==> flow/design.v <==
module aligner_n #(
    parameter DATA_WIDTH = 32,
    parameter SEL_WIDTH = $clog2(DATA_WIDTH)
) (
    input wire i_clk,
    input wire resetn,
    input wire step,
    input wire [DATA_WIDTH-1:0] in_in,
    input wire [SEL_WIDTH-1:0] in_count,
    output wire [DATA_WIDTH-1:0] out_data_out
);
    reg [DATA_WIDTH-1:0] in_r;
    reg [SEL_WIDTH-1:0] count_r;
    always @(posedge i_clk) begin
        if (!resetn) begin
            in_r <= 0;
            count_r <= 0;
        end else if (step) begin
            in_r <= in_in;
            count_r <= in_count;
        end
    end
    assign out_data_out = (in_r << count_r) | (in_r >> (DATA_WIDTH - count_r));
endmodule
* Reports on aligner_n
What the tools print for aligner_n, step after step. Lines are those of the file above, counted from 1. Cell names lack the library's common part. A cell with n/a has no value.
Set-up: top aligner_n, clock port i_clk, standard-cell library sky130hd, library corner tt_025C_1v80

* Elaborated design
Source: Yosys, flattened and elaborated, memories not mapped. Widths are those after wreduce; folded enables and synchronous resets count as part of the registers. Registers that Yosys merges into a memory's read port (data or address) are not register bits. Print and check cells do not count. Equal cells are merged and count once.
Cells by class: $add $sub $neg 1, shift operators 2, bitwise operators 1
Operator list (number):
- bitwise OR 32 bit | 1
- >> shifter 32 x 32 -> 32 bit | 1
- left shift 32 x 5 -> 32 bit | 1
- subtractor 6 x 5 -> 7 bit (first input constant) | 1
Bit counts: bits in registers 37, input port bits 40, output and inout port bits 32, cells after elaboration 6

* Logic depth
Depth = most cells in a row (Yosys ltp): at word level without a register or memory, in the mapped netlist without a sequential cell, where the memories' decode and read muxes count.
Logic depth: depth in word-level cells 3, ABC_AREA 0, gate-level depth with buffers 12, depth with buffers taken out 7

* Mapped cells and area
Yosys stat after the flow's synthesis: flattened, memories mapped to cells. It holds for the ABC_AREA given above (unset counts as 0); a run with the other value may have another netlist.
Cell types:
- mux2i_1 | number 101, area in all 1010.97 um^2
- mux4_2 | number 39, area in all 878.342 um^2
- dfxtp_1 | number 37, area in all 740.71 um^2
- mux4_1 | number 16, area in all 420.403 um^2
- mux2_2 | number 27, area in all 304.042 um^2
- nor2b_1 | number 45, area in all 281.52 um^2
- nand2_1 | number 35, area in all 131.376 um^2
- nor2_1 | number 30, area in all 112.608 um^2
- o21ai_0 | number 18, area in all 90.086 um^2
- buf_2 | number 16, area in all 80.077 um^2
- buf_6 | number 7, area in all 78.826 um^2
- o22ai_1 | number 11, area in all 68.816 um^2
- clkbuf_1 | number 15, area in all 56.304 um^2
- a21oi_1 | number 11, area in all 55.053 um^2
- a211o_1 | number 6, area in all 52.55 um^2
- a221oi_1 | number 6, area in all 52.55 um^2
- nand3_1 | number 10, area in all 50.048 um^2
- buf_1 | number 12, area in all 45.043 um^2
Not listed: further types 43, cells in them 88.
Mapped netlist: cells in the netlist 530, chip area (Yosys) 5171.2 um^2, area of sequential cells 740.7 um^2, flip-flops 37, buffers 55

* Timing after synthesis
Path of least setup slack by OpenSTA after synthesis, without wires, with an ideal clock, recovery checks aside; 20% of the period is set as input and as output delay. Where synthesis merged equal registers, the netlist keeps one of their names.
Timing path after synthesis: path type register to output, start register count_r[1], end output port out_data_out[0], period 4.29 ns, external output delay 0.858 ns, time at the first pin 0.000 ns, arrival 2.743 ns, data required time 3.432 ns, path slack 0.689 ns, path delay 2.743 ns, stages on the path 12, path buffers 5, synthesis period reached 3.601 ns
"path delay" is the arrival time less input delay plus setup time. At an output port there is no setup time. "stages on the path": output pins that drive a net of the path, with the launching flip-flop's if there is one; two outputs of one cell count as two. "synthesis period reached" = period - worst setup slack (recovery checks aside). The figure is calculated, with input and output delays left at 20% of the set period. The rows between start and end are the longest chain of elaborated cells between them; the timing report does not say that the signal goes this way. Where chains are equally long, one stands for them. Each line given opens the expression or statement behind the cell; cells for indexed reads and writes are added by Yosys, which also makes memories of some case tables.
On the way, after synthesis: cells stage by stage dfxtp_1 -> buf_4 -> buf_4 -> buf_4 -> inv_1 -> ha_1 -> buf_2 -> clkbuf_1 -> mux4_2 -> mux4_2 -> nand2_1 -> o2111ai_1, length of the longest elaborated chain 3, elaborated cells between the ends (all ways) 4, RTL lines with such cells 1, classes of those cells 1 x add/sub; 2 x shift; 1 x logic
RTL lines, path after synthesis:
- from (decl) | RTL line 13 | reg [SEL_WIDTH-1:0] count_r;
- from (assign) | RTL line 17 | count_r <= 0;
- from (assign) | RTL line 20 | count_r <= in_count;
- subtractor 6 x 5 -> 7 bit | RTL line 23 | assign out_data_out = (in_r << count_r) | (in_r >> (DATA_WIDTH - count_r));
- >> shifter 32 x 32 -> 32 bit | RTL line 23
- bitwise OR 32 bit | RTL line 23
- to (decl) | RTL line 10 | output wire [DATA_WIDTH-1:0] out_data_out

* Path in the finished layout
Path of least setup slack in the final report of stored run 1 (OpenROAD, finished layout, wires in). Where an end is a register, its clock arrival counts in the times.
Timing path after layout: path type register to output, start register count_r[0], end output port out_data_out[0], period 4.36 ns, external output delay 0.87 ns, time at the first pin 0.30 ns, arrival 3.04 ns, data required time 3.49 ns, path slack 0.45 ns, stages on the path 9, path buffers 2
The rows between start and end are the longest chain of elaborated cells between them; the timing report does not say that the signal goes this way. Where chains are equally long, one stands for them.
On the way, after layout: cells stage by stage dfxtp_4 -> inv_1 -> ha_4 -> buf_4 -> mux4_2 -> mux4_2 -> nand2_1 -> o2111ai_1 -> clkdlybuf4s50_1, length of the longest elaborated chain 3, elaborated cells between the ends (all ways) 4, RTL lines with such cells 1, classes of those cells 1 x add/sub; 2 x shift; 1 x logic
RTL lines, path after layout:
- from (decl) | RTL line 13 | reg [SEL_WIDTH-1:0] count_r;
- from (assign) | RTL line 17 | count_r <= 0;
- from (assign) | RTL line 20 | count_r <= in_count;
- subtractor 6 x 5 -> 7 bit | RTL line 23 | assign out_data_out = (in_r << count_r) | (in_r >> (DATA_WIDTH - count_r));
- >> shifter 32 x 32 -> 32 bit | RTL line 23
- bitwise OR 32 bit | RTL line 23
- to (decl) | RTL line 10 | output wire [DATA_WIDTH-1:0] out_data_out

Wiki page: aligner_n / flow data

Settings and measured results of 3 stored flow runs for module aligner_n (sky130hd), not sorted in any way. The constraints put input and output delay at 20% of the set period each and load the outputs with 0.01 pF.
"achieved clock period" = clock period - worst setup slack. The figure is calculated, with input and output delays left at 20% of the set period.
By "allowed time less slack (worst setup path)" is meant the share of the clock period that the worst setup path is allowed (20% is reserved at inputs, 20% at outputs), minus its slack. Clock arrival times at its registers enter into it.
By "total power after layout" is meant OpenSTA's value without simulated activity: inputs other than the clock are taken to toggle once in ten clock periods, and the tool carries that through the logic.

* Stored run 1 | settings: period_ns 4.36; CORE_UTILIZATION 54; SETUP_SLACK_MARGIN 0.46; PLACE_DENSITY_LB_ADDON 0.14; TNS_END_PERCENT 80; GPL_ROUTABILITY_DRIVEN 1; CTS_CLUSTER_SIZE 51; CAP_MARGIN 15; CORE_MARGIN 2; SLEW_MARGIN 20 | results: standard-cell area of the final layout 6197.2 um^2; synthesis area 5171.2 um^2; worst hold slack in the final report 0.656 ns; area inside the die boundary 10375.5 um^2; worst setup slack after layout 0.447 ns; utilization in the final report 0.668; allowed time less slack (worst setup path) 3.04 ns; worst setup path type register to output; total power after layout 0.001582 W; achieved clock period 3.913 ns
* Stored run 2 | settings: period_ns 4.29; CAP_MARGIN 20; CORE_MARGIN 2; CORE_UTILIZATION 40; SLEW_MARGIN 20 | results: standard-cell area of the final layout 6195.9 um^2; synthesis area 5171.2 um^2; worst hold slack in the final report 0.596 ns; area inside the die boundary 13853.3 um^2; worst setup slack after layout 0.112 ns; utilization in the final report 0.491; allowed time less slack (worst setup path) 3.32 ns; worst setup path type register to output; total power after layout 0.001689 W; achieved clock period 4.178 ns
* Stored run 3 | settings: period_ns 2.34; CORE_UTILIZATION 41; PLACE_DENSITY_LB_ADDON 0.16; CORE_MARGIN 7; GPL_TIMING_DRIVEN 1; CAP_MARGIN 40; SLEW_MARGIN 20 | results: standard-cell area of the final layout 8364.3 um^2; synthesis area 5171.2 um^2; worst hold slack in the final report 0.587 ns; area inside the die boundary 15953.0 um^2; worst setup slack after layout -0.726 ns; utilization in the final report 0.688; allowed time less slack (worst setup path) 2.60 ns; worst setup path type register to output; total power after layout 0.003857 W; achieved clock period 3.066 ns
